==> flow/design.v <==
module full_adder (
    input wire a,
    input wire b,
    input wire ci,
    output wire s,
    output wire co
);
    assign {co, s} = a + b + ci;
endmodule
module sync_add_core_rtl #(
    parameter DW = 14
) (
    input  ck,
    input  [DW-1:0] u,
    input  [DW-1:0] v,
    input  cy_in,
    output reg [DW-1:0] result,
    output reg ovf
);
    wire [DW-1:0] val;
    wire [DW:0] cy;
    assign cy[0] = cy_in;
    genvar i;
    generate
        for (i = 0; i < DW; i = i + 1) begin : stage
            full_adder u0 (.a(u[i]), .b(v[i]), .ci(cy[i]), .s(val[i]), .co(cy[i+1]));
        end
    endgenerate
    always @(posedge ck) begin
        result <= val;
        ovf <= cy[DW];
    end
endmodule
Appendix: tool output

==> From RTL to reports: sync_add_core_rtl <==
Tool output for the members of one design family, told apart by "DW", in the order of the flow.
The file above is the member DW = 14. Line numbers count from 1 in each member's own file.
Operators: Yosys type, input widths -> output width; for muxes data width and select width s.
{ "inputs": {"design": "sync_add_core_rtl", "clock": "ck", "cell_library": "sky130hd", "pvt_corner": "tt_025C_1v80"} }

==> Members of the sweep <==
Lines of each other member's file that are new or changed against the file above; lines that a member lacks are not shown.
{ "changed_lines": {"columns": ["DW", "line", "text"], "rows": [
  [16, 11, "parameter DW = 16"],
  [20, 11, "parameter DW = 20"],
  [32, 11, "parameter DW = 32"],
  [112, 11, "parameter DW = 112"],
  [128, 11, "parameter DW = 128"]
]} }

==> Elaborated design <==
Yosys after proc, flatten, opt, wreduce and memory -nomap, before mapping. Enables and synchronous resets that opt folds into registers are not counted as muxes. Memory bits, and registers merged into a memory's read port (data or address), are not among the register bits. Print and check cells are not counted. Equal cells are merged and count once.
{ "bits": {"columns": ["DW", "word_cells", "reg_bits", "output_inout_bits"], "rows": [
  [14, 30, 15, 15],
  [16, 34, 17, 17],
  [20, 42, 21, 21],
  [32, 66, 33, 33],
  [112, 226, 113, 113],
  [128, 258, 129, 129]
]} }
{ "op_classes": {"columns": ["DW", "addsub"], "rows": [
  [14, 28],
  [16, 32],
  [20, 40],
  [32, 64],
  [112, 224],
  [128, 256]
]} }
{ "ops": {"columns": ["DW", "operators"], "rows": [
  [14, "$add 1x1->2 (14); $add 2x1->2 (14)"],
  [16, "$add 1x1->2 (16); $add 2x1->2 (16)"],
  [20, "$add 1x1->2 (20); $add 2x1->2 (20)"],
  [32, "$add 1x1->2 (32); $add 2x1->2 (32)"],
  [112, "$add 1x1->2 (112); $add 2x1->2 (112)"],
  [128, "$add 1x1->2 (128); $add 2x1->2 (128)"]
]} }

==> Longest topological paths <==
Depth = most cells in a row (Yosys ltp): at word level without a register or memory, in the mapped netlist without a sequential cell, where the memories' decode and read muxes count.
{ "depth": {"columns": ["DW", "ltp_word", "abc_area", "ltp_mapped", "ltp_nobuf"], "rows": [
  [14, 15, 0, 18, 18],
  [16, 17, 0, 20, 20],
  [20, 21, 0, 24, 24],
  [32, 33, 0, 36, 36],
  [112, 113, 0, 116, 116],
  [128, 129, 0, 132, 132]
]} }

==> After synthesis <==
Yosys stat after the flow's synthesis: flattened, memories mapped to cells. It holds for the ABC_AREA given above (unset counts as 0); a run with the other value may have another netlist.
The area totals of this step are shown rounded.
{ "synth_totals": {"columns": ["DW", "cells", "area_um2", "flip_flops"], "rows": [
  [14, 39, 618, 15],
  [16, 43, 698, 17],
  [20, 51, 858, 21],
  [32, 75, 1340, 33],
  [112, 235, 4540, 113],
  [128, 267, 5180, 129]
]} }
{ "by_type": {"columns": ["DW", "type_list"], "rows": [
  [14, "sky130_fd_sc_hd__dfxtp_1 (15); sky130_fd_sc_hd__fa_1 (14); sky130_fd_sc_hd__inv_1 (10)"],
  [16, "sky130_fd_sc_hd__dfxtp_1 (17); sky130_fd_sc_hd__fa_1 (16); sky130_fd_sc_hd__inv_1 (10)"],
  [20, "sky130_fd_sc_hd__dfxtp_1 (21); sky130_fd_sc_hd__fa_1 (20); sky130_fd_sc_hd__inv_1 (10)"],
  [32, "sky130_fd_sc_hd__dfxtp_1 (33); sky130_fd_sc_hd__fa_1 (32); sky130_fd_sc_hd__inv_1 (10)"],
  [112, "sky130_fd_sc_hd__dfxtp_1 (113); sky130_fd_sc_hd__fa_1 (112); sky130_fd_sc_hd__inv_1 (10)"],
  [128, "sky130_fd_sc_hd__dfxtp_1 (129); sky130_fd_sc_hd__fa_1 (128); sky130_fd_sc_hd__inv_1 (10)"]
]} }
By module: a second synthesis without flattening, with its own total; a netlist apart from the flattened one above.
{ "hier_totals": {"columns": ["DW", "hier_cells", "hier_area_um2"], "rows": [
  [14, 29, 581],
  [16, 33, 661],
  [20, 41, 821],
  [32, 65, 1300],
  [112, 225, 4500],
  [128, 257, 5140]
]} }

==> Path before layout <==
OpenSTA on the mapped netlist: ideal clock, no wires. The path of least setup slack (recovery checks aside). Input and output delay are each 20% of the period. Register names are those of the netlist, which keeps one name where synthesis merged equal registers.
{ "synth_timing": {"columns": ["DW", "path_type", "from", "to", "path_stages", "path_delay_ns", "period_ns", "path_slack_ns", "synth_period_reached_ns"], "rows": [
  [14, "in2reg", "input port u[0]", "register result[13]", 18, 5.345, 8.35, 1.334, 7.016],
  [16, "in2reg", "input port u[0]", "register result[15]", 20, 6.105, 9.54, 1.527, 8.013],
  [20, "in2reg", "input port u[0]", "register result[19]", 24, 7.624, 11.9, 1.896, 10.004],
  [32, "in2reg", "input port u[0]", "register result[31]", 36, 12.181, 19.0, 3.019, 15.981],
  [112, "in2reg", "input port u[0]", "register result[111]", 116, 42.560, 66.5, 10.640, 55.86],
  [128, "in2reg", "input port u[0]", "register result[127]", 132, 48.636, 76.0, 12.164, 63.836]
]} }
"path_delay_ns" is the arrival time less input delay plus setup time.
"path_stages": output pins that drive a net of the path, with the launching flip-flop's if there is one; two outputs of one cell count as two.
"synth_period_reached_ns" is the clock period less the worst setup slack; recovery checks do not enter. This is arithmetic on one report: input and output delays are still those of the set period (20% each).
The rows between start and end are the longest chain of elaborated cells between them; the timing report does not say that the signal goes this way. Where chains are equally long, one stands for them.
A line is the first line of the expression or statement that the cell stems from. Yosys adds cells for indexed reads and writes and turns some case tables into memories.
{ "synth_via_DW_14": {"elab_chain_cells": 15} }
{ "synth_rtl_DW_14": {"columns": ["element", "line", "text"], "rows": [
  ["from (decl)", 14, "input  [DW-1:0] u,"],
  ["$add 1x1->2", 8, "assign {co, s} = a + b + ci;"],
  ["$add 2x1->2 x14", 8, null],
  ["to (assign)", 30, "result <= val;"],
  ["to (decl)", 17, "output reg [DW-1:0] result,"]
]} }
{ "synth_via_DW_128": {"elab_chain_cells": 129} }
{ "synth_rtl_DW_128": {"columns": ["element", "line", "text"], "rows": [
  ["from (decl)", 14, "input  [DW-1:0] u,"],
  ["$add 1x1->2", 8, "assign {co, s} = a + b + ci;"],
  ["$add 2x1->2 x128", 8, null],
  ["to (assign)", 30, "result <= val;"],
  ["to (decl)", 17, "output reg [DW-1:0] result,"]
]} }

==> Path in the finished layout <==
Path of least setup slack in the final report of each member's run (OpenROAD, finished layout, wires in). Where an end is a register, its clock arrival counts in the times.
{ "layout_timing": {"columns": ["DW", "path_type", "from", "to", "period_ns", "arrival_time_ns", "path_slack_ns", "path_stages"], "rows": [
  [14, "in2reg", "input port u[0]", "register result[13]", 8.35, 7.57, 1.00, 19],
  [16, "in2reg", "input port u[0]", "register result[15]", 9.54, 8.59, 1.18, 21],
  [20, "in2reg", "input port u[0]", "register result[19]", 11.9, 10.64, 1.51, 25],
  [32, "in2reg", "input port u[0]", "register result[31]", 19.0, 16.69, 2.58, 37],
  [112, "in2reg", "input port cy_in", "register result[111]", 66.5, 58.08, 8.78, 117],
  [128, "in2reg", "input port u[0]", "register result[127]", 76.0, 66.45, 9.91, 133]
]} }

==> Flow runs <==
Settings and results of one run of the flow (Yosys, OpenROAD) for each member follow. The constraints put input and output delay at 20% of the set period each and load the outputs with 0.01 pF.
{ "flow_settings": {"CAP_MARGIN": 20, "CORE_MARGIN": 2, "CORE_UTILIZATION": 40, "SLEW_MARGIN": 20} }
{ "settings_by_member": {"columns": ["DW", "period_ns"], "rows": [
  [14, 8.35],
  [16, 9.54],
  [20, 11.9],
  [32, 19.0],
  [112, 66.5],
  [128, 76.0]
]} }
{ "results": {"columns": ["DW", "layout_utilization_pct", "die_footprint_um2", "design_power_uw", "setup_worst_slack_ns", "yosys_chip_area_um2", "layout_stdcell_area_um2", "fin_hold_ws_ns", "period_less_ws_ns", "total_negative_slack_ns"], "rows": [
  [14, 75.1, 1880, 194, 1.00, 618, 1100, 2.05, 7.348, 0.000],
  [16, 73.9, 2100, 190, 1.18, 698, 1250, 2.29, 8.363, 0.000],
  [20, 76.9, 2530, 186, 1.51, 858, 1540, 2.74, 10.386, 0.000],
  [32, 73.7, 3830, 186, 2.58, 1340, 2420, 4.13, 16.417, 0.000],
  [112, 78.7, 12200, 236, 8.78, 4540, 8650, 13.6, 57.723, 0.000],
  [128, 78.2, 13900, 235, 9.91, 5180, 9870, 15.4, 66.087, 0.000]
]} }
"period_less_ws_ns": clock period set for the run, less the worst setup slack. It is reckoned from that one timing run; input and output delays stay at 20% of the period that was set.
"design_power_uw" rests on the timing tool's default activity at the inputs, not on a simulated workload.
The measured numbers are rounded.
